==> flow/design.v <==
module ex_rf_rtl #(
    parameter NWORDS = 64,
    parameter W = 12,
    parameter ADDR_WIDTH = $clog2(NWORDS)
) (
    input  clock,
    input  wr,
    input  [ADDR_WIDTH-1:0] wr_addr,
    input  [W-1:0] wr_data,
    input  [ADDR_WIDTH-1:0] raddr1,
    input  [ADDR_WIDTH-1:0] raddr2,
    output [W-1:0] q1,
    output [W-1:0] q2
);
    reg wr_r;
    reg [ADDR_WIDTH-1:0] wr_addr_r;
    reg [W-1:0] wr_data_r;
    reg [W-1:0] ram [NWORDS-1:0];
    always @(posedge clock) begin
        if (wr_r)
            ram[wr_addr_r] <= wr_data_r;
    end
    reg [ADDR_WIDTH-1:0] raddr1_r;
    reg [ADDR_WIDTH-1:0] raddr2_r;
    assign q1 = (wr_r && wr_addr_r == raddr1_r) ? wr_data_r : ram[raddr1_r];
    assign q2 = (wr_r && wr_addr_r == raddr2_r) ? wr_data_r : ram[raddr2_r];
    always @(posedge clock) begin
        wr_r <= wr;
        wr_addr_r <= wr_addr;
        wr_data_r <= wr_data;
        raddr1_r <= raddr1;
        raddr2_r <= raddr2;
    end
endmodule
Tool chain data of ex_rf_rtl

Tool output for the design above, in the order of the flow.
Line numbers count from 1 in the design file above.
Cell names lack the library's common part.
Not given: --

Top: ex_rf_rtl
Clock: clock
Cell library: sky130hd
Timing corner: tt_025C_1v80

Word-level counts

Yosys after proc, flatten, opt, wreduce and memory -nomap, before mapping. Enables and synchronous resets that opt folds into registers are not counted as muxes. Print and check cells are not counted. Equal cells are merged and count once.
Yosys's memory passes give these memory sizes; they may raise the number of words (mostly to a power of two), join words into wider ones and drop unused or constant bits.

Bits in registers: 31
Memory bits (writable): 768
Word width x clocked read ports: 24
Memory cells: 1
Input bits: 32
Cells after elaboration: 15

Equal/unequal tests: 2
Multiplexer cells: 5
Reductions and logical operators: 2

Memory list:

| name | depth | bits a word | rd ports | write ports | line | source |
| ram  | 64    | 12          | 2        | 1           | 18   | `reg [W-1:0] ram [NWORDS-1:0];` |

Operator list:

| cell                | count |
| 2-to-1 mux 12 bit   | 3 |
| equality test 6 bit | 2 |
| 2-to-1 mux 6 bit    | 1 |
| logical AND 1 bit   | 2 |
| 2-to-1 mux 1 bit    | 1 |

Longest topological paths

Yosys ltp: most cells in a row. Word level: on the elaborated netlist, between registers, memories and ports. Mapped: between sequential cells and ports; inverters and the memories' decode and read muxes count.

Depth in word-level cells: 3
ABC_AREA: 0
Gate-level depth with buffers: 10
Gate-level depth less buffers: 5

Synthesis result

Source: synth_stat.txt of the flow (Yosys; design flattened, memories mapped). It holds for the ABC_AREA given above (unset counts as 0); a run with the other value may have another netlist.

Cells in the netlist: 2006
Cell area after synthesis: 0.0371294 sq mm
Flip-flops: 799
Buffer cells: 159

Cell types:

| type     | count | area in all (sq um) |
| edfxtp_1 | 768   | 2.31E+04 |
| mux4_2   | 257   | 5.79E+03 |
| mux2i_1  | 245   | 2.45E+03 |
| a22oi_1  | 143   | 1073.53 |
| mux4_1   | 26    | 683.155 |
| dfxtp_1  | 31    | 620.595 |
| nor2_1   | 75    | 281.52 |
| buf_2    | 56    | 280.269 |
| nand3_1  | 54    | 270.259 |
| o22ai_1  | 41    | 256.496 |
| buf_4    | 29    | 217.709 |
| a221o_1  | 20    | 200.192 |
| buf_12   | 10    | 200.192 |
| a211o_1  | 22    | 192.685 |
| buf_6    | 16    | 180.173 |
| clkbuf_1 | 41    | 153.898 |
| a211oi_1 | 20    | 150.144 |
| nand4_1  | 21    | 131.376 |

Not listed: further types 39, cells in them 131.

Timing after synthesis

Source: OpenSTA report_checks on the synthesized netlist (no wires, ideal clock, input and output delay 20% of the period each), path of least setup slack; recovery checks are left aside. Register names are those of the netlist, which keeps one name where synthesis merged equal registers.

Path type: register to output
Start: reg raddr2_r[2]
End: out q2[2]
Clock period: 2.97 ns
Output delay: 0.594 ns
Launch time at the first pin: 0.000 ns
Arrival: 1.904 ns
Setup slack: 0.472 ns
Path delay: 1.904 ns
Stages on the path: 9
Synthesis period reached: 2.498 ns

"path delay" is the arrival time less input delay plus setup time.
A path that ends at an output port has no setup time.
"stages on the path" counts driving pins, that of a launching flip-flop among them; a cell with two outputs on the path counts twice.
"synthesis period reached" = period - worst setup slack (recovery checks aside). The figure is calculated, with input and output delays left at 20% of the set period.
The rows between start and end are the longest chain of elaborated cells between them; the timing report does not say that the signal goes this way. Where chains are equally long, one stands for them.
A line is the first line of the expression or statement that the cell stems from. Yosys adds cells for indexed reads and writes and turns some case tables into memories.

Cell sequence: dfxtp_1 buf_6 buf_12 buf_2 buf_2 mux4_2 a22oi_1 nand4_1 a221o_1
Cells in the longest elaborated chain: 3
Elaborated cells on any way between the ends: 3
Source lines of those cells: 1
Those cells by class: eq/ne (1); mux (1); reduce/logical (1)

Ends and longest elaborated chain, post-synthesis:

| element             | line | source |
| start: declaration  | 24   | `reg [ADDR_WIDTH-1:0] raddr2_r;` |
| start: assignment   | 32   | `raddr2_r <= raddr2;` |
| equality test 6 bit | 26   | `assign q2 = (wr_r && wr_addr_r == raddr2_r) ? wr_data_r : ram[raddr2_r];` |
| logical AND 1 bit   | 26   |  |
| 2-to-1 mux 12 bit   | 26   |  |
| end: declaration    | 13   | `output [W-1:0] q2` |

Worst path after layout

Path of least setup slack in the final report of record 1 (OpenROAD, finished layout, wires in). Where an end is a register, its clock arrival counts in the times.

Path type: register to output
Start: reg raddr2_r[1]
End: out q2[6]
Clock period: 1.58 ns
Output delay: 0.32 ns
Launch time at the first pin: 0.66 ns
Arrival: 4.15 ns
Setup slack: -2.88 ns
Stages on the path: 9

The rows between start and end are the longest chain of elaborated cells between them; the timing report does not say that the signal goes this way. Where chains are equally long, one stands for them.

Cell sequence: dfxtp_1 buf_6 buf_4 and3b_2 buf_4 a22oi_2 nand4_1 a221o_1 buf_2
Cells in the longest elaborated chain: 3
Elaborated cells on any way between the ends: 3
Source lines of those cells: 1
Those cells by class: eq/ne (1); mux (1); reduce/logical (1)

Ends and longest elaborated chain, post-layout:

| element             | line | source |
| start: declaration  | 24   | `reg [ADDR_WIDTH-1:0] raddr2_r;` |
| start: assignment   | 32   | `raddr2_r <= raddr2;` |
| equality test 6 bit | 26   | `assign q2 = (wr_r && wr_addr_r == raddr2_r) ? wr_data_r : ram[raddr2_r];` |
| logical AND 1 bit   | 26   |  |
| 2-to-1 mux 12 bit   | 26   |  |
| end: declaration    | 13   | `output [W-1:0] q2` |

Top module ex_rf_rtl; platform sky130hd; tools Yosys and OpenROAD; 3 stored runs in no particular order. Input and output delays are each 20% of the period that was set; the output load is 0.01 pF.
"period achieved": clock period set for the run, less the worst setup slack. It is reckoned from that one timing run; input and output delays stay at 20% of the period that was set.
"worst path time" is the time allowed to the run's worst setup path (the clock period less input and output delay, where it has them) less its slack. Clock arrival times count: a late capture clock shortens it, a late launch clock lengthens it.
"total power after layout": no workload was simulated; the value follows from the tool's default switching activity.
Among the settings, - means not set for that run.

| item                                                      | record 1           | record 2           | record 3           |
| period_ns                                                 | 1.58               | 2.97               | 4.15               |
| CORE_UTILIZATION                                          | 30                 | 40                 | 24                 |
| SETUP_SLACK_MARGIN                                        | 0.2                | -                  | 0.19               |
| CORE_MARGIN                                               | 3                  | 2                  | 5                  |
| CELL_PAD_IN_SITES_DETAIL_PLACEMENT                        | 0                  | -                  | -                  |
| GPL_TIMING_DRIVEN                                         | 0                  | -                  | 1                  |
| CTS_CLUSTER_DIAMETER                                      | 303                | -                  | 54                 |
| CAP_MARGIN                                                | 25                 | 20                 | 20                 |
| MIN_ROUTING_LAYER                                         | met2               | -                  | -                  |
| MAX_ROUTING_LAYER                                         | met4               | -                  | met4               |
| SLEW_MARGIN                                               | 20                 | 20                 | 40                 |
| PLACE_DENSITY_LB_ADDON                                    | -                  | -                  | 0.07               |
| TNS_END_PERCENT                                           | -                  | -                  | 80                 |
| ABC_AREA                                                  | -                  | -                  | 0                  |
| CTS_CLUSTER_SIZE                                          | -                  | -                  | 35                 |
| post-route utilization (%)                                | 38.5               | 51.1               | 32.2               |
| total power after layout (W)                              | 0.051309           | 0.026046           | 0.020956           |
| period achieved (ns)                                      | 4.462              | 3.667              | 4.134              |
| mapped cell area after synthesis (sq mm)                  | 0.0371294          | 0.0371294          | 0.0371294          |
| die size (sq mm)                                          | 0.128021           | 0.0952772          | 0.162671           |
| worst hold slack in the final report (ns)                 | 0.039              | 0.370              | 0.539              |
| area of the standard cells in the finished layout (sq mm) | 0.0470514          | 0.0468725          | 0.0495262          |
| worst path time (ns)                                      | 4.15               | 3.07               | 3.30               |
| class of the worst setup path                             | register to output | register to output | register to output |
| setup total negative slack (ns)                           | -298.284           | -15.130            | 0.000              |
| setup slack of the worst path (ns)                        | -2.882             | -0.697             | 0.016              |
